==> flow/design.v <==
module gen_switch #(
  parameter BITS = 2,
  parameter WAYS = 16
) (
  input  wire aclk,
  input  wire rstn,
  input  wire [WAYS*BITS-1:0] ch_i,
  input  wire [WAYS-1:0] addr_i,
  output wire [BITS-1:0] z_o_o
);
  reg [WAYS*BITS-1:0] ch_reg;
  reg [WAYS-1:0] addr_reg;
  always @(posedge aclk) begin
    if (!rstn) begin
      ch_reg <= 0;
      addr_reg <= 0;
    end else begin
      ch_reg <= ch_i;
      addr_reg <= addr_i;
    end
  end
  reg [BITS-1:0] r;
  integer idx;
  always @(*) begin
    r = 0;
    for (idx = WAYS-1; idx >= 0; idx = idx - 1)
      if (addr_reg[idx]) r = ch_reg[idx*BITS +: BITS];
  end
  assign z_o_o = r;
endmodule
* From RTL to reports: gen_switch
Tool output for the design above, in the order of the flow. Lines are those of the file above, counted from 1. Library cell names are shortened. The mark -- stands for no value.
Set-up: top module gen_switch, clock port aclk, standard-cell library sky130hd, corner tt_025C_1v80

* Word-level counts
Counts by Yosys on the flattened word-level netlist (proc, flatten, opt, wreduce; memories kept). Register bits leave out memories and registers merged into their read ports (data or address); mux counts leave out enables and synchronous resets folded into registers. Print and check cells are left out. Cells with the same type and inputs are merged into one.
Cells by class: multiplexer cells 16
Operator list (count):
- 2-bit 2-to-1 mux | 16
Word-level totals: output and inout port bits 2, cells after elaboration 18, bits in registers 48, input bits 50

* Logic depth
Depth = most cells in a row (Yosys ltp): at word level without a register or memory, in the mapped netlist without a sequential cell, where the memories' decode and read muxes count.
Logic depth: depth in word-level cells 16, ABC_AREA 0, depth in mapped cells 4, depth with buffers taken out 4

* Synthesis result
The flow's flattened synthesis, as Yosys stat reports it; memories are mapped. The netlist is that of the ABC_AREA named above (0 if unset); the other value can give another one. Totals and module areas in this step are rounded.
Cell types:
- dfxtp_1 | count 48, total area 960.922 um2
- and2_1 | count 48, total area 300.288 um2
- a2111oi_4 | count 2, total area 55.053 um2
- nand3b_1 | count 6, total area 45.043 um2
- a21oi_1 | count 8, total area 40.038 um2
- nor2b_1 | count 5, total area 31.28 um2
- nor3b_1 | count 4, total area 30.029 um2
- o21ai_0 | count 6, total area 30.029 um2
- a211oi_1 | count 3, total area 22.522 um2
- nand2_1 | count 6, total area 22.522 um2
- clkbuf_1 | count 5, total area 18.768 um2
- a2111oi_0 | count 2, total area 17.517 um2
- nor4b_1 | count 2, total area 17.517 um2
- o211ai_1 | count 2, total area 15.014 um2
- o31ai_1 | count 2, total area 15.014 um2
- inv_1 | count 3, total area 11.261 um2
- a221oi_1 | count 1, total area 8.758 um2
- inv_2 | count 2, total area 7.507 um2
Other cell types: 3; their cells: 3.
Synthesis totals: mapped area 1670 um2, flip-flop cells 48, mapped cells 158, area of sequential cells 961 um2, buffers 5

* Timing after synthesis
OpenSTA on the mapped netlist: ideal clock, no wires. The path of least setup slack (recovery checks aside). Input and output delay are each 20% of the period. Register names are those of the netlist, which keeps one name where synthesis merged equal registers.
Timing post-synthesis: kind register -> output, from reg addr_reg[8], to out z_o_o[0], clock period 1.88 ns, external output delay 0.376 ns, path buffers 0, time at the first pin 0.000 ns, path slack 0.302 ns, driving pins on the path 5, data arrival time 1.202 ns, data required time 1.504 ns, path delay 1.202 ns, synthesis period reached 1.578 ns
"path delay" is the arrival time less input delay plus setup time. A path that ends at an output port has no setup time. "driving pins on the path": output pins that drive a net of the path, with the launching flip-flop's if there is one; two outputs of one cell count as two. "synthesis period reached" is the clock period less the worst setup slack; recovery checks do not enter. This is arithmetic on one report: input and output delays are still those of the set period (20% each). The rows between start and end are the longest chain of elaborated cells between them; the timing report does not say that the signal goes this way. Where chains are equally long, one stands for them. Each line given opens the expression or statement behind the cell; cells for indexed reads and writes are added by Yosys, which also makes memories of some case tables.
Between the ends, post-synthesis: path through dfxtp_1 -> or2_0 -> a2111oi_0 -> o21ai_0 -> o211ai_1, cells in the longest elaborated chain 9, elaborated cells between the ends (all ways) 9, source lines of those cells 1, those cells by class 9 x mux
RTL lines, path post-synthesis:
- start, declared | RTL line 12 | reg [WAYS-1:0] addr_reg;
- start, assigned | RTL line 16 | addr_reg <= 0;
- start, assigned | RTL line 19 | addr_reg <= addr_i;
- 2-bit 2-to-1 mux (9 in a row) | RTL line 27 | if (addr_reg[idx]) r = ch_reg[idx*BITS +: BITS];
- end, declared | RTL line 9 | output wire [BITS-1:0] z_o_o

* Timing after layout
Path of least setup slack in the final report of job 2 (OpenROAD, finished layout, wires in). Where an end is a register, its clock arrival counts in the times.
Timing post-layout: kind register -> output, from reg addr_reg[10], to out z_o_o[0], data arrival time 1.57 ns, driving pins on the path 6, time at the first pin 0.29 ns, clock period 1.88 ns, external output delay 0.38 ns, path slack -0.06 ns, path buffers 1, data required time 1.50 ns
The rows between start and end are the longest chain of elaborated cells between them; the timing report does not say that the signal goes this way. Where chains are equally long, one stands for them.
Between the ends, post-layout: path through dfxtp_2 -> nor3b_1 -> a2111oi_2 -> o21ai_1 -> o211ai_1 -> buf_2, cells in the longest elaborated chain 11, elaborated cells between the ends (all ways) 11, source lines of those cells 1, those cells by class 11 x mux
RTL lines, path post-layout:
- start, declared | RTL line 12 | reg [WAYS-1:0] addr_reg;
- start, assigned | RTL line 16 | addr_reg <= 0;
- start, assigned | RTL line 19 | addr_reg <= addr_i;
- 2-bit 2-to-1 mux (11 in a row) | RTL line 27 | if (addr_reg[idx]) r = ch_reg[idx*BITS +: BITS];
- end, declared | RTL line 9 | output wire [BITS-1:0] z_o_o

Ticket comment

Flow measurements of gen_switch on sky130hd: 3 stored runs with different settings, listed in no order. Input and output delays are each 20% of the period that was set; the output load is 0.01 pF.
"total power after layout": no workload was simulated; the value follows from the tool's default switching activity.
Values from the reports are rounded here.

[job 1] flow files
==> flow/run.sh <==
#!/bin/bash
# the make line also repeats the synthesis and layout settings of config.mk as NAME=value (left out here)
make -C /OpenROAD-flow-scripts/flow DESIGN_CONFIG=/design/flow/config.mk WORK_HOME=/design/flow/orfs CLKGATE_MAP_FILE= finish
==> flow/config.mk <==
export PLATFORM = sky130hd
export DESIGN_NAME = gen_switch
export DESIGN_NICKNAME = gen_switch
export VERILOG_FILES = /design/flow/design.v
export SDC_FILE = /design/flow/constraint.sdc
export NUM_CORES = 4
export LEC_CHECK = 0
export CAP_MARGIN = 20
export CELL_PAD_IN_SITES_GLOBAL_PLACEMENT = 2
export CORE_MARGIN = 2
export CORE_UTILIZATION = 65
export GPL_ROUTABILITY_DRIVEN = 1
export MIN_ROUTING_LAYER = met1
export SLEW_MARGIN = 20
==> flow/constraint.sdc <==
create_clock -name core_clock -period 2.59 [get_ports {aclk}]
set_input_delay 0.5180 -clock core_clock [delete_from_list [all_inputs] [get_ports {aclk}]]
set_output_delay 0.5180 -clock core_clock [all_outputs]
set_load 0.01 [all_outputs]

[job 1] result: no final report: placement broke off with GPL-0301

[job 2] flow files
==> flow/run.sh <==
#!/bin/bash
# the make line also repeats the synthesis and layout settings of config.mk as NAME=value (left out here)
make -C /OpenROAD-flow-scripts/flow DESIGN_CONFIG=/design/flow/config.mk WORK_HOME=/design/flow/orfs CLKGATE_MAP_FILE= finish
==> flow/config.mk <==
export PLATFORM = sky130hd
export DESIGN_NAME = gen_switch
export DESIGN_NICKNAME = gen_switch
export VERILOG_FILES = /design/flow/design.v
export SDC_FILE = /design/flow/constraint.sdc
export NUM_CORES = 4
export LEC_CHECK = 0
export CAP_MARGIN = 20
export CORE_MARGIN = 2
export CORE_UTILIZATION = 40
export SLEW_MARGIN = 20
==> flow/constraint.sdc <==
create_clock -name core_clock -period 1.88 [get_ports {aclk}]
set_input_delay 0.3760 -clock core_clock [delete_from_list [all_inputs] [get_ports {aclk}]]
set_output_delay 0.3760 -clock core_clock [all_outputs]
set_load 0.01 [all_outputs]

[job 2] result: standard-cell area after routing 2450 um2; post-route utilization 0.613; smallest setup slack -0.063 ns; post-route worst hold slack 0.638 ns; total power after layout 2.18 mW; overall die area 4700 um2; chip area in the Yosys report 1670 um2

[job 3] flow files
==> flow/run.sh <==
#!/bin/bash
# the make line also repeats the synthesis and layout settings of config.mk as NAME=value (left out here)
make -C /OpenROAD-flow-scripts/flow DESIGN_CONFIG=/design/flow/config.mk WORK_HOME=/design/flow/orfs CLKGATE_MAP_FILE= finish
==> flow/config.mk <==
export PLATFORM = sky130hd
export DESIGN_NAME = gen_switch
export DESIGN_NICKNAME = gen_switch
export VERILOG_FILES = /design/flow/design.v
export SDC_FILE = /design/flow/constraint.sdc
export NUM_CORES = 4
export LEC_CHECK = 0
export CAP_MARGIN = 10
export CORE_MARGIN = 2
export CORE_UTILIZATION = 47
export CTS_CLUSTER_DIAMETER = 169
export MAX_ROUTING_LAYER = met4
export PLACE_DENSITY_LB_ADDON = 0.26
export SLEW_MARGIN = 0
==> flow/constraint.sdc <==
create_clock -name core_clock -period 2.3 [get_ports {aclk}]
set_input_delay 0.4600 -clock core_clock [delete_from_list [all_inputs] [get_ports {aclk}]]
set_output_delay 0.4600 -clock core_clock [all_outputs]
set_load 0.01 [all_outputs]

[job 3] result: standard-cell area after routing 2340 um2; post-route utilization 0.696; smallest setup slack 0.041 ns; post-route worst hold slack 0.642 ns; total power after layout 1.59 mW; overall die area 4040 um2; chip area in the Yosys report 1670 um2
